==> flow/design.v <==
module times_top (clk_i, aresetn, lhs, rhs, prod);
  parameter integer W = 10;
  parameter integer COUNT = 4;
  localparam integer RW = 2*W + $clog2(COUNT);
  input clk_i;
  input aresetn;
  input [COUNT*W-1:0] lhs;
  input [COUNT*W-1:0] rhs;
  output [RW-1:0] prod;
  reg [RW-1:0] t;
  integer k;
  always @* begin
    t = 0;
    for (k = 0; k < COUNT; k = k + 1)
      t = t + lhs[k*W +: W] * rhs[k*W +: W];
  end
  reg [RW-1:0] prod_r;
  always @(posedge clk_i or negedge aresetn) begin
    if (~aresetn) begin
      prod_r <= 0;
    end else begin
      prod_r <= t;
    end
  end
  assign prod = prod_r;
endmodule
Tool chain data of times_top
The steps from the RTL of times_top to its reports follow in flow order.
Lines are those of the file above, counted from 1.
Library cell names are shortened.
{ "design": {"top": "times_top", "clock_port": "clk_i", "library": "sky130hd", "pvt_corner": "tt_025C_1v80"} }

Elaborated design
Source: Yosys, flattened and elaborated, memories not mapped. Widths are those after wreduce; folded enables and synchronous resets count as part of the registers. Registers that Yosys merges into a memory's read port (data or address) are not register bits. Print and check cells do not count. Equal cells are merged and count once.
{ "op_classes": {"cmp": 0, "n_addsub": 3, "n_logic": 0, "div": 0, "n_eq": 0, "multipliers": 4, "n_mux": 0, "n_reduce_logical": 0, "n_shift": 0} }
{ "ops": {"columns": ["op", "n"], "rows": [
  ["10-bit by 10-bit multiplier with 20-bit output", 4],
  ["21-bit by 20-bit adder with 22-bit output", 1],
  ["22-bit by 20-bit adder with 22-bit output", 1],
  ["20-bit by 20-bit adder with 21-bit output", 1]
]} }
{ "bits": {"regBits": 22, "output_inout_bits": 22, "inputBits": 82, "clocked_rd_ports_x_width": 0, "memories": 0, "wordCells": 8, "romBits": 0, "latch_bits": 0, "ram_bits": 0} }

Logic depth
Longest topological path by Yosys (ltp), each cell counted once; first at word level (registers and memories cut), then after technology mapping (sequential cells cut; the memories' decode and read muxes count).
{ "depth": {"depth_word": 4, "ABC_AREA": 0, "ltp_mapped": 25, "depth_no_buf": 23} }

Netlist
The flow's flattened synthesis, as Yosys stat reports it; memories are mapped. The netlist is that of the ABC_AREA named above (0 if unset); the other value can give another one.
Totals and module areas in this step are rounded.
{ "mapped": {"flip_flops": 22, "sequential_area_um2": 551, "n_buf": 46, "cells": 1541, "area_um2": 14500} }
{ "types": {"columns": ["cell", "n", "area_total_um2"], "rows": [
  ["fa_1", 359, 7.19E+03],
  ["ha_1", 165, 2064.48],
  ["inv_1", 429, 1.61E+03],
  ["and2_1", 245, 1532.72],
  ["nand2_1", 169, 634.358],
  ["dfrtp_1", 22, 550.528],
  ["clkbuf_1", 44, 165.158],
  ["a21oi_1", 17, 85.082],
  ["xnor2_1", 9, 78.826],
  ["xor2_1", 8, 70.067],
  ["nor2_1", 14, 52.55],
  ["a21o_1", 6, 45.043],
  ["o21a_1", 4, 30.029],
  ["nand3_1", 5, 25.024],
  ["o211ai_1", 3, 22.522],
  ["a221o_1", 2, 20.019],
  ["o21ai_0", 4, 20.019],
  ["a31oi_1", 3, 18.768]
]} }
Other cell types: 24; their cells: 33.

Timing after synthesis
Source: OpenSTA report_checks on the synthesized netlist (no wires, ideal clock, input and output delay 20% of the period each), path of least setup slack; recovery checks are left aside. Register names are those of the netlist, which keeps one name where synthesis merged equal registers.
{ "synth_path": {"kind": "in2reg", "startpoint": "in rhs[4]", "endpoint": "reg prod_r[21]", "required_time_ns": 9.510, "clock_period_ns": 9.59, "arrival_ns": 7.975, "path_buffers": 1, "delay_ns": 6.137, "input_delay_ns": 1.918, "launch_ns": 1.918, "setup_ns": 0.080, "path_stages": 21, "slack_ns": 1.535, "period_less_setup_slack_ns": 8.055} }
"delay_ns" is the arrival time less input delay plus setup time.
"path_stages": output pins that drive a net of the path, with the launching flip-flop's if there is one; two outputs of one cell count as two.
"period_less_setup_slack_ns" = period - worst setup slack (recovery checks aside). The figure is calculated, with input and output delays left at 20% of the set period.
Between the ends stands the longest chain of elaborated cells between them, by number of cells; it is not shown to be the way that was timed. Of several equally long chains one is given.
A line is the first line of the expression or statement that the cell stems from. Yosys adds cells for indexed reads and writes and turns some case tables into memories.
{ "synth_between": {"path_cell_list": "clkbuf_1 -> nand2_1 -> fa_1 -> inv_1 -> fa_1 -> fa_1 -> inv_1 -> fa_1 -> fa_1 -> inv_1 -> fa_1 -> fa_1 -> inv_1 -> fa_1 -> inv_1 -> ha_1 -> a21o_1 -> a221o_1 -> a31o_4 -> a311oi_2 -> xnor2_1", "elab_chain_len": 4, "cone_cells": 4, "lines_between": 1, "cone_classes": "add/sub: 3; mul: 1"} }
{ "synth_rtl": {"columns": ["element", "line", "source"], "rows": [
  ["start, declared", 8, "input [COUNT*W-1:0] rhs;"],
  ["10-bit by 10-bit multiplier with 20-bit output", 15, "t = t + lhs[k*W +: W] * rhs[k*W +: W];"],
  ["20-bit by 20-bit adder with 21-bit output", 15, null],
  ["21-bit by 20-bit adder with 22-bit output", 15, null],
  ["22-bit by 20-bit adder with 22-bit output", 15, null],
  ["end, assigned", 20, "prod_r <= 0;"],
  ["end, assigned", 22, "prod_r <= t;"],
  ["end, declared", 17, "reg [RW-1:0] prod_r;"]
]} }

Timing after layout
From the final timing report of flow run 1: the path of least setup slack in the routed layout; clock arrival at registers is part of the times.
{ "layout_path": {"kind": "in2reg", "startpoint": "in rhs[36]", "endpoint": "reg prod_r[21]", "arrival_ns": 9.54, "path_buffers": 1, "path_stages": 20, "required_time_ns": 14.00, "clock_period_ns": 13.9, "setup_ns": 0.15, "slack_ns": 4.46, "launch_ns": 2.78, "input_delay_ns": 2.78} }
Between the ends stands the longest chain of elaborated cells between them, by number of cells; it is not shown to be the way that was timed. Of several equally long chains one is given.
{ "layout_between": {"path_cell_list": "clkdlybuf4s50_1 -> and2_1 -> fa_1 -> inv_1 -> fa_1 -> fa_1 -> inv_1 -> fa_1 -> fa_1 -> fa_1 -> fa_1 -> inv_1 -> fa_1 -> inv_1 -> ha_1 -> and3_2 -> a221o_1 -> a31o_4 -> a311oi_2 -> xnor2_1", "elab_chain_len": 2, "cone_cells": 2, "lines_between": 1, "cone_classes": "add/sub: 1; mul: 1"} }
{ "layout_rtl": {"columns": ["element", "line", "source"], "rows": [
  ["start, declared", 8, "input [COUNT*W-1:0] rhs;"],
  ["10-bit by 10-bit multiplier with 20-bit output", 15, "t = t + lhs[k*W +: W] * rhs[k*W +: W];"],
  ["22-bit by 20-bit adder with 22-bit output", 15, null],
  ["end, assigned", 20, "prod_r <= 0;"],
  ["end, assigned", 22, "prod_r <= t;"],
  ["end, declared", 17, "reg [RW-1:0] prod_r;"]
]} }

==> runs of times_top <==
Flow measurements of times_top on sky130hd: 3 stored runs with different settings, listed in no order. Input and output delays are each 20% of the period that was set; the output load is 0.01 pF.
"period reached": clock period set for the run, less the worst setup slack. It is reckoned from that one timing run; input and output delays stay at 20% of the period that was set.
"time of the worst setup path" = time allowed to the worst setup path (clock period - input delay - output delay, where it has them) - its slack; a late launch clock adds to it, a late capture clock takes from it.
The results are shown rounded.

==> flow run 1: settings <==
{ "period_ns": 13.9, "CORE_UTILIZATION": 63, "PLACE_DENSITY": 0.41, "CORE_MARGIN": 4, "TNS_END_PERCENT": 60, "CAP_MARGIN": 35, "SLEW_MARGIN": 20 }
==> flow run 1: results <==
chip area after synthesis (Yosys): 14500 um^2
overall die area: 25500 um^2
standard-cell area after routing: 15800 um^2
post-route utilization: 69.8 %
setup slack of the worst path: 4.46 ns
setup TNS: 0.000 ns
period reached: 9.442 ns
time of the worst setup path: 6.66 ns
kind of the worst setup path: in2reg

==> flow run 2: settings <==
{ "period_ns": 9.63, "CORE_UTILIZATION": 33, "SETUP_SLACK_MARGIN": -0.25, "PLACE_DENSITY_LB_ADDON": 0.15, "CORE_MARGIN": 7, "TNS_END_PERCENT": 85, "GPL_ROUTABILITY_DRIVEN": 0, "CTS_CLUSTER_DIAMETER": 131, "CAP_MARGIN": 30, "SLEW_MARGIN": 5, "MIN_ROUTING_LAYER": "met2" }
==> flow run 2: results <==
chip area after synthesis (Yosys): 14500 um^2
overall die area: 49900 um^2
standard-cell area after routing: 16200 um^2
post-route utilization: 37.6 %
setup slack of the worst path: 0.970 ns
setup TNS: 0.000 ns
period reached: 8.660 ns
time of the worst setup path: 6.73 ns
kind of the worst setup path: in2reg

==> flow run 3: settings <==
{ "period_ns": 9.59, "CAP_MARGIN": 20, "CORE_MARGIN": 2, "CORE_UTILIZATION": 40, "SLEW_MARGIN": 20 }
==> flow run 3: results <==
chip area after synthesis (Yosys): 14500 um^2
overall die area: 37700 um^2
standard-cell area after routing: 16100 um^2
post-route utilization: 45.1 %
setup slack of the worst path: 0.999 ns
setup TNS: 0.000 ns
period reached: 8.591 ns
time of the worst setup path: 6.67 ns
kind of the worst setup path: in2reg
